==> flow/design.v <==
module mux_stage (clk_i, aresetn, adv, d_0_in, d_1_in, d_2_in, d_3_in, select_in, o_out);
  parameter BITS = 32;
  input clk_i;
  input aresetn;
  input adv;
  input [BITS-1:0] d_0_in;
  input [BITS-1:0] d_1_in;
  input [BITS-1:0] d_2_in;
  input [BITS-1:0] d_3_in;
  input [1:0] select_in;
  output reg [BITS-1:0] o_out;
  reg [BITS-1:0] work;
  always @* begin
    if (select_in == 0) work = d_0_in;
    else if (select_in == 1) work = d_1_in;
    else if (select_in == 2) work = d_2_in;
    else work = d_3_in;
  end
  always @(posedge clk_i or negedge aresetn) begin
    if (~aresetn) begin
      o_out <= 0;
    end else if (adv) begin
      o_out <= work;
    end
  end
endmodule
# ---- From RTL to reports: mux_stage
# The steps from the RTL of mux_stage to its reports follow in flow order.
# Line numbers count from 1 in the design file above.
# Library cell names are shortened.
# Not given: n/a
dict set report inputs {
  design {mux_stage}
  clock_port {clk_i}
  lib {sky130hd}
  lib_corner {tt_025C_1v80}
}

# ---- Elaborated design
# Yosys after proc, flatten, opt, wreduce and memory -nomap, before mapping. Enables and synchronous resets that opt folds into registers are not counted as muxes. Memory bits, and registers merged into a memory's read port (data or address), are not among the register bits. Print and check cells are not counted. Equal cells are merged and count once.
dict set report word_totals {
  ff_bits 32
  out_inout_bits 32
  elab_cells 7
}
dict set report classes {
  eq_ne 2
  n_mux 3
  n_reduce_logical 1
}
# operator count
set op_table {}
lappend op_table {{32-bit two-way mux} 3}
lappend op_table {{2-bit by 1-bit equality test with 1-bit output (second input constant)} 1}
lappend op_table {{2-bit equality test (second input constant)} 1}
lappend op_table {{2-bit logical NOT} 1}

# ---- Longest topological paths
# Depth = most cells in a row (Yosys ltp): at word level without a register or memory, in the mapped netlist without a sequential cell, where the memories' decode and read muxes count.
dict set report depth {
  ltp_word 4
  abc_area 0
  depth_mapped 4
  ltp_nobuf 2
}

# ---- After synthesis
# Yosys stat after the flow's synthesis: flattened, memories mapped to cells. It holds for the ABC_AREA given above (unset counts as 0); a run with the other value may have another netlist.
# cell_type count
set by_type {}
lappend by_type {dfrtp_1 32}
lappend by_type {mux2i_1 64}
lappend by_type {o221ai_1 32}
lappend by_type {nand2b_1 33}
lappend by_type {buf_8 6}
lappend by_type {buf_2 3}
lappend by_type {buf_1 3}
lappend by_type {buf_6 1}
lappend by_type {clkbuf_1 3}
lappend by_type {nand2_1 1}
dict set report synth_totals {
  mapped_cells 178
  yosys_area_um2 2070.7
  ff_cells 32
  buf_cells 16
}

# ---- Worst setup path after synthesis
# Path of least setup slack by OpenSTA after synthesis, without wires, with an ideal clock, recovery checks aside; 20% of the period is set as input and as output delay. Where synthesis merged equal registers, the netlist keeps one of their names.
dict set report synth_timing {
  path_type {input -> register}
  from {input port select_in[0]}
  to {register o_out[0]}
  tclk_ns 1.16
  in_delay_ns 0.232
  setup_ns 0.142
  launch_ns 0.232
  t_arrival_ns 0.831
  required_ns 1.018
  path_slack_ns 0.186
  path_delay_ns 0.741
  driving_pins 4
  n_path_buf 2
  period_less_setup_slack_ns 0.974
}
# "path_delay_ns" is the arrival time less input delay plus setup time.
# "driving_pins" counts driving pins, that of a launching flip-flop among them; a cell with two outputs on the path counts twice.
# "period_less_setup_slack_ns" is the clock period less the worst setup slack; recovery checks do not enter. This is arithmetic on one report: input and output delays are still those of the set period (20% each).
# The rows between start and end are the longest chain of elaborated cells between them; the timing report does not say that the signal goes this way. Where chains are equally long, one stands for them.
# A line is the first line of the expression or statement that the cell stems from. Yosys adds cells for indexed reads and writes and turns some case tables into memories.
dict set report synth_between {
  cell_sequence {buf_6 buf_8 mux2i_1 o221ai_1}
  elab_chain_cells 4
  cone_cells 6
  lines_between 3
}
# element line
set synth_lines {}
lappend synth_lines {{from (decl)} 10} ;# input [1:0] select_in;
lappend synth_lines {{2-bit equality test} 16} ;# else if (select_in == 2) work = d_2_in;
lappend synth_lines {{32-bit two-way mux} 16}
lappend synth_lines {{32-bit two-way mux} 15} ;# else if (select_in == 1) work = d_1_in;
lappend synth_lines {{32-bit two-way mux} 14} ;# if (select_in == 0) work = d_0_in;
lappend synth_lines {{to (assign)} 21} ;# o_out <= 0;
lappend synth_lines {{to (assign)} 23} ;# o_out <= work;
lappend synth_lines {{to (decl)} 11} ;# output reg [BITS-1:0] o_out;

# ---- Timing after layout
# From the final timing report of entry A: the path of least setup slack in the routed layout; clock arrival at registers is part of the times.
dict set report layout_timing {
  path_type {register -> output}
  from {register o_out[30]}
  to {output port o_out[30]}
  tclk_ns 1.16
  out_delay_ns 0.23
  launch_ns 0.28
  t_arrival_ns 0.92
  required_ns 0.93
  path_slack_ns 0.01
  driving_pins 2
  n_path_buf 1
}
dict set report layout_between {
  cell_sequence {dfrtp_1 clkdlybuf4s15_1}
  elab_chain_cells 0
  cone_cells 0
  lines_between 0
}
# element line
set layout_lines {}
lappend layout_lines {{from (decl)} 11} ;# output reg [BITS-1:0] o_out;
lappend layout_lines {{from (assign)} 21} ;# o_out <= 0;
lappend layout_lines {{from (assign)} 23} ;# o_out <= work;
lappend layout_lines {{to (decl)} 11}

==> runs of mux_stage <==
Module mux_stage, platform sky130hd: 3 stored runs of the flow (Yosys, OpenROAD) with differing settings, in no particular order. Input and output delays are each 20% of the period that was set; the output load is 0.01 pF.
"achieved_clock_period_ns" is the run's clock period less its worst setup slack. It is reckoned from that one timing run; input and output delays stay at 20% of the period that was set.
"critical_path_time_ns" means the part of the period allowed to the worst setup path (the constraints hold back 20% at inputs and 20% at outputs) less its slack; where the path has registers, the arrival times of their clocks count too.
"power_total_uw" rests on the timing tool's default activity at the inputs, not on a simulated workload.

[flow] entry A: files
==> flow/run.sh <==
#!/bin/bash
# the make line also repeats the synthesis and layout settings of config.mk as NAME=value (left out here)
make -C /OpenROAD-flow-scripts/flow DESIGN_CONFIG=/design/flow/config.mk WORK_HOME=/design/flow/orfs CLKGATE_MAP_FILE= finish
==> flow/config.mk <==
export PLATFORM = sky130hd
export DESIGN_NAME = mux_stage
export DESIGN_NICKNAME = mux_stage
export VERILOG_FILES = /design/flow/design.v
export SDC_FILE = /design/flow/constraint.sdc
export NUM_CORES = 4
export LEC_CHECK = 0
export CAP_MARGIN = 20
export CORE_MARGIN = 2
export CORE_UTILIZATION = 40
export SLEW_MARGIN = 20
==> flow/constraint.sdc <==
create_clock -name core_clock -period 1.16 [get_ports {clk_i}]
set_input_delay 0.2320 -clock core_clock [delete_from_list [all_inputs] [get_ports {clk_i}]]
set_output_delay 0.2320 -clock core_clock [all_outputs]
set_load 0.01 [all_outputs]

[flow] entry A: metrics
[metrics] achieved_clock_period_ns = 1.147
[metrics] power_total_uw = 3593
[metrics] fin_ws_ns = 0.013
[metrics] design_die_area_um2 = 5768.4
[metrics] synth_area_um2 = 2070.7
[metrics] layout_utilization_pct = 75.5
[metrics] tns_ns = 0.000
[metrics] critical_path_time_ns = 0.92
[metrics] timing.worst_path_kind = register -> output

[flow] entry B: files
==> flow/run.sh <==
#!/bin/bash
# the make line also repeats the synthesis and layout settings of config.mk as NAME=value (left out here)
make -C /OpenROAD-flow-scripts/flow DESIGN_CONFIG=/design/flow/config.mk WORK_HOME=/design/flow/orfs CLKGATE_MAP_FILE= finish
==> flow/config.mk <==
export PLATFORM = sky130hd
export DESIGN_NAME = mux_stage
export DESIGN_NICKNAME = mux_stage
export VERILOG_FILES = /design/flow/design.v
export SDC_FILE = /design/flow/constraint.sdc
export NUM_CORES = 4
export LEC_CHECK = 0
export CAP_MARGIN = 20
export CELL_PAD_IN_SITES_DETAIL_PLACEMENT = 1
export CORE_MARGIN = 2
export CORE_UTILIZATION = 68
export CTS_CLUSTER_DIAMETER = 22
export CTS_CLUSTER_SIZE = 43
export GPL_TIMING_DRIVEN = 0
export HOLD_SLACK_MARGIN = -0.01
export PLACE_DENSITY = 0.82
export SLEW_MARGIN = 25
==> flow/constraint.sdc <==
create_clock -name core_clock -period 0.771 [get_ports {clk_i}]
set_input_delay 0.1542 -clock core_clock [delete_from_list [all_inputs] [get_ports {clk_i}]]
set_output_delay 0.1542 -clock core_clock [all_outputs]
set_load 0.01 [all_outputs]

[flow] entry B: stopped before the end: placement reported GPL-0301

[flow] entry C: files
==> flow/run.sh <==
#!/bin/bash
# the make line also repeats the synthesis and layout settings of config.mk as NAME=value (left out here)
make -C /OpenROAD-flow-scripts/flow DESIGN_CONFIG=/design/flow/config.mk WORK_HOME=/design/flow/orfs CLKGATE_MAP_FILE= finish
==> flow/config.mk <==
export PLATFORM = sky130hd
export DESIGN_NAME = mux_stage
export DESIGN_NICKNAME = mux_stage
export VERILOG_FILES = /design/flow/design.v
export SDC_FILE = /design/flow/constraint.sdc
export NUM_CORES = 4
export LEC_CHECK = 0
export CAP_MARGIN = 5
export CORE_MARGIN = 2
export CORE_UTILIZATION = 23
export CTS_CLUSTER_SIZE = 66
export GPL_TIMING_DRIVEN = 1
export MIN_ROUTING_LAYER = met1
export PLACE_DENSITY_LB_ADDON = 0.14
export SETUP_SLACK_MARGIN = 0.07
export SLEW_MARGIN = 20
export TNS_END_PERCENT = 65
==> flow/constraint.sdc <==
create_clock -name core_clock -period 0.895 [get_ports {clk_i}]
set_input_delay 0.1790 -clock core_clock [delete_from_list [all_inputs] [get_ports {clk_i}]]
set_output_delay 0.1790 -clock core_clock [all_outputs]
set_load 0.01 [all_outputs]

[flow] entry C: metrics
[metrics] layout_utilization_pct = 51.1
[metrics] fin_ws_ns = -0.100
[metrics] synth_area_um2 = 2070.7
[metrics] tns_ns = -2.556
[metrics] critical_path_time_ns = 0.82
[metrics] timing.worst_path_kind = register -> output
[metrics] design_die_area_um2 = 9778.2
[metrics] achieved_clock_period_ns = 0.995
[metrics] power_total_uw = 4973
